==> flow/design.v <==
module u_subtractor_blk #(
  parameter W = 18
) (
  input  logic ck,
  input  logic [W-1:0] arg0,
  input  logic [W-1:0] arg1,
  input  logic mode,
  output logic [W:0] q
);
  always_ff @(posedge ck) begin
    q <= mode ? arg0 - arg1 : arg0 + arg1;
  end
endmodule
; Reports on u_subtractor_blk
; The steps from the RTL of u_subtractor_blk to its reports follow in flow order.
; Lines are those of the file above, counted from 1.
; The mark n/a stands for no value.
[inputs]
top = u_subtractor_blk
clock_port = ck
lib = sky130hd
corner = tt_025C_1v80

; Word level
; Yosys after proc, flatten, opt, wreduce and memory -nomap, before mapping. Enables and synchronous resets that opt folds into registers are not counted as muxes. Memory bits, and registers merged into a memory's read port (data or address), are not among the register bits. Print and check cells are not counted. Equal cells are merged and count once.
[word_totals]
latch_bits = 0
ramBits = 0
romBits = 0
n_memories = 0
clocked_rd_ports_x_width = 0
output_inout_bits = 19
reg_bits = 19
[classes]
shifts = 0
eq_ne = 0
reduce_and_logical = 0
n_mul = 0
mux = 1
cmp = 0
div_mod_pow = 0
n_addsub = 2
n_logic = 0
[op_table]
columns = op, n
row1 = adder 18 x 18 -> 19 bit, 1
row2 = subtractor 18 x 18 -> 19 bit, 1
row3 = 2-to-1 mux 19 bit, 1

; Logic depth
; Yosys ltp: most cells in a row. Word level: on the elaborated netlist, between registers, memories and ports. Mapped: between sequential cells and ports; inverters and the memories' decode and read muxes count.
[depth]
ltp_word = 2
ABC_AREA = 0
ltp_mapped = 13
depth_no_buf = 13

; After synthesis
; Source: synth_stat.txt of the flow (Yosys; design flattened, memories mapped). It holds for the ABC_AREA given above (unset counts as 0); a run with the other value may have another netlist.
[synth_totals]
seqArea_um2 = 380.4
area_um2 = 1739.2
flip_flops = 19
mapped_cells = 207
n_buf = 2
[types]
columns = cell, n, type_area_um2
row1 = sky130_fd_sc_hd__dfxtp_1, 19, 380.365
row2 = sky130_fd_sc_hd__ha_1, 19, 237.728
row3 = sky130_fd_sc_hd__xnor2_1, 20, 175.168
row4 = sky130_fd_sc_hd__nor2_1, 23, 86.333
row5 = sky130_fd_sc_hd__a21oi_1, 17, 85.082
row6 = sky130_fd_sc_hd__o21ai_0, 17, 85.082
row7 = sky130_fd_sc_hd__xor2_1, 9, 78.826
row8 = sky130_fd_sc_hd__nand2_1, 16, 60.058
row9 = sky130_fd_sc_hd__a21oi_4, 2, 32.531
row10 = sky130_fd_sc_hd__a21o_1, 4, 30.029
row11 = sky130_fd_sc_hd__inv_1, 8, 30.029
row12 = sky130_fd_sc_hd__o21a_1, 4, 30.029
row13 = sky130_fd_sc_hd__a2111oi_4, 1, 27.526
row14 = sky130_fd_sc_hd__o31ai_2, 2, 25.024
row15 = sky130_fd_sc_hd__a211oi_1, 3, 22.522
row16 = sky130_fd_sc_hd__nor4_4, 1, 21.27
row17 = sky130_fd_sc_hd__fa_1, 1, 20.019
row18 = sky130_fd_sc_hd__nor3_1, 4, 20.019
; Not listed: further types 30, cells in them 37.

; Timing after synthesis
; OpenSTA on the mapped netlist: ideal clock, no wires. The path of least setup slack (recovery checks aside). Input and output delay are each 20% of the period. Register names are those of the netlist, which keeps one name where synthesis merged equal registers.
[synth_timing]
kind = input port to flip-flop
startpoint = input port arg1[8]
endpoint = register q[18]
period_ps = 3710
delay_ps = 2374
arrival_ps = 2993
slack_ps = 593
setup_ps = 123
path_buffers = 0
path_stages = 12
synth_period_reached_ps = 3117
; "delay_ps" = arrival - input delay + setup time.
; "path_stages": output pins that drive a net of the path, with the launching flip-flop's if there is one; two outputs of one cell count as two.
; "synth_period_reached_ps" is the clock period less the worst setup slack; recovery checks do not enter. This is arithmetic on one report: input and output delays are still those of the set period (20% each).
; Between the ends stands the longest chain of elaborated cells between them, by number of cells; it is not shown to be the way that was timed. Of several equally long chains one is given.
; Each line given opens the expression or statement behind the cell; cells for indexed reads and writes are added by Yosys, which also makes memories of some case tables.
[synth_via]
cell_sequence = sky130_fd_sc_hd__nor4_4 sky130_fd_sc_hd__nand2_1 sky130_fd_sc_hd__o21ai_0 sky130_fd_sc_hd__o21ai_0 sky130_fd_sc_hd__xnor2_1 sky130_fd_sc_hd__ha_1 sky130_fd_sc_hd__nand2_1 sky130_fd_sc_hd__o21ai_0 sky130_fd_sc_hd__o21ai_0 sky130_fd_sc_hd__o21ai_1 sky130_fd_sc_hd__a21oi_1 sky130_fd_sc_hd__xor2_1
elab_chain_len = 2
cells_between = 3
cone_lines = 1
cone_classes = add/sub (2); mux (1)
[synth_rtl]
columns = item, line
row1 = start: declaration, 6  ; input  logic [W-1:0] arg1,
row2 = adder 18 x 18 -> 19 bit, 11  ; q <= mode ? arg0 - arg1 : arg0 + arg1;
row3 = 2-to-1 mux 19 bit, 11
row4 = end: assignment, 11
row5 = end: declaration, 8  ; output logic [W:0] q

; Worst path after layout
; From the final timing report of entry A: the path of least setup slack in the routed layout; clock arrival at registers is part of the times.
; The report prints the path's times to 10 ps; the period is as set.
[layout_timing]
kind = input port to flip-flop
startpoint = input port arg1[0]
endpoint = register q[15]
path_stages = 13
setup_ps = 70
arrival_ps = 3630
period_ps = 3710
slack_ps = 270
path_buffers = 1
; Between the ends stands the longest chain of elaborated cells between them, by number of cells; it is not shown to be the way that was timed. Of several equally long chains one is given.
[layout_via]
cell_sequence = sky130_fd_sc_hd__clkdlybuf4s50_1 sky130_fd_sc_hd__inv_1 sky130_fd_sc_hd__ha_1 sky130_fd_sc_hd__and4bb_2 sky130_fd_sc_hd__a21oi_1 sky130_fd_sc_hd__xnor2_1 sky130_fd_sc_hd__ha_1 sky130_fd_sc_hd__a21oi_4 sky130_fd_sc_hd__o21ai_1 sky130_fd_sc_hd__a2111oi_2 sky130_fd_sc_hd__o21bai_1 sky130_fd_sc_hd__a41oi_1 sky130_fd_sc_hd__xnor2_1
elab_chain_len = 2
cells_between = 3
cone_lines = 1
cone_classes = add/sub (2); mux (1)
[layout_rtl]
columns = item, line
row1 = start: declaration, 6  ; input  logic [W-1:0] arg1,
row2 = adder 18 x 18 -> 19 bit, 11  ; q <= mode ? arg0 - arg1 : arg0 + arg1;
row3 = 2-to-1 mux 19 bit, 11
row4 = end: assignment, 11
row5 = end: declaration, 8  ; output logic [W:0] q

; Settings and measured results of 3 stored flow runs for module u_subtractor_blk (sky130hd), not sorted in any way. The constraints put input and output delay at 20% of the set period each and load the outputs with 0.01 pF.
; "achievedPeriod_ps" is the run's clock period less its worst setup slack. It is reckoned from that one timing run; input and output delays stay at 20% of the period that was set.
; "worst_setup_path_time_ps" = time allowed to the worst setup path (clock period - input delay - output delay, where it has them) - its slack; a late launch clock adds to it, a late capture clock takes from it.
; "power.total_w": no workload was simulated; the value follows from the tool's default switching activity.
; "worst_setup_path_time_ps" is given in steps of 10 ps.

[entry A: settings]
period_ns = 3.71
CAP_MARGIN = 20
CORE_MARGIN = 2
CORE_UTILIZATION = 40
SLEW_MARGIN = 20
[entry A: results]
achievedPeriod_ps = 3443
final_cell_area_um2 = 2660.1
setup_tns_ps = 0
worstSetupSlack_ps = 267
util_pct = 65.1
yosys.chip_area_um2 = 1739.2
fin_hold_ws_ps = 1114
worst_setup_path_time_ps = 2700
critical_path_type = input port to flip-flop
power.total_w = 0.001016
die_um2 = 4891.6

[entry B: settings]
period_ns = 2.99
CORE_UTILIZATION = 29
PLACE_DENSITY = 0.8
CORE_ASPECT_RATIO = 0.76
CORE_MARGIN = 4
CELL_PAD_IN_SITES_GLOBAL_PLACEMENT = 2
ABC_AREA = 1
MIN_ROUTING_LAYER = met2
CAP_MARGIN = 20
SLEW_MARGIN = 20
[entry B: results]
die_um2 = 8294.9
worst_setup_path_time_ps = 2170
critical_path_type = input port to flip-flop
worstSetupSlack_ps = 220
final_cell_area_um2 = 3105.5
yosys.chip_area_um2 = 1998.2
fin_hold_ws_ps = 966
power.total_w = 0.001287
util_pct = 46.3
achievedPeriod_ps = 2770
setup_tns_ps = 0

[entry C: settings]
period_ns = 2.06
CORE_UTILIZATION = 27
SETUP_SLACK_MARGIN = 0.44
PLACE_DENSITY_LB_ADDON = 0.06
CORE_MARGIN = 5
CELL_PAD_IN_SITES_DETAIL_PLACEMENT = 1
GPL_TIMING_DRIVEN = 0
GPL_ROUTABILITY_DRIVEN = 1
CTS_CLUSTER_SIZE = 59
CAP_MARGIN = 35
MAX_ROUTING_LAYER = met5
SLEW_MARGIN = 20
[entry C: results]
yosys.chip_area_um2 = 1739.2
final_cell_area_um2 = 3319.4
achievedPeriod_ps = 2644
die_um2 = 8146.9
power.total_w = 0.002194
worstSetupSlack_ps = -584
setup_tns_ps = -3961
fin_hold_ws_ps = 458
worst_setup_path_time_ps = 2230
critical_path_type = input port to flip-flop
util_pct = 52.6
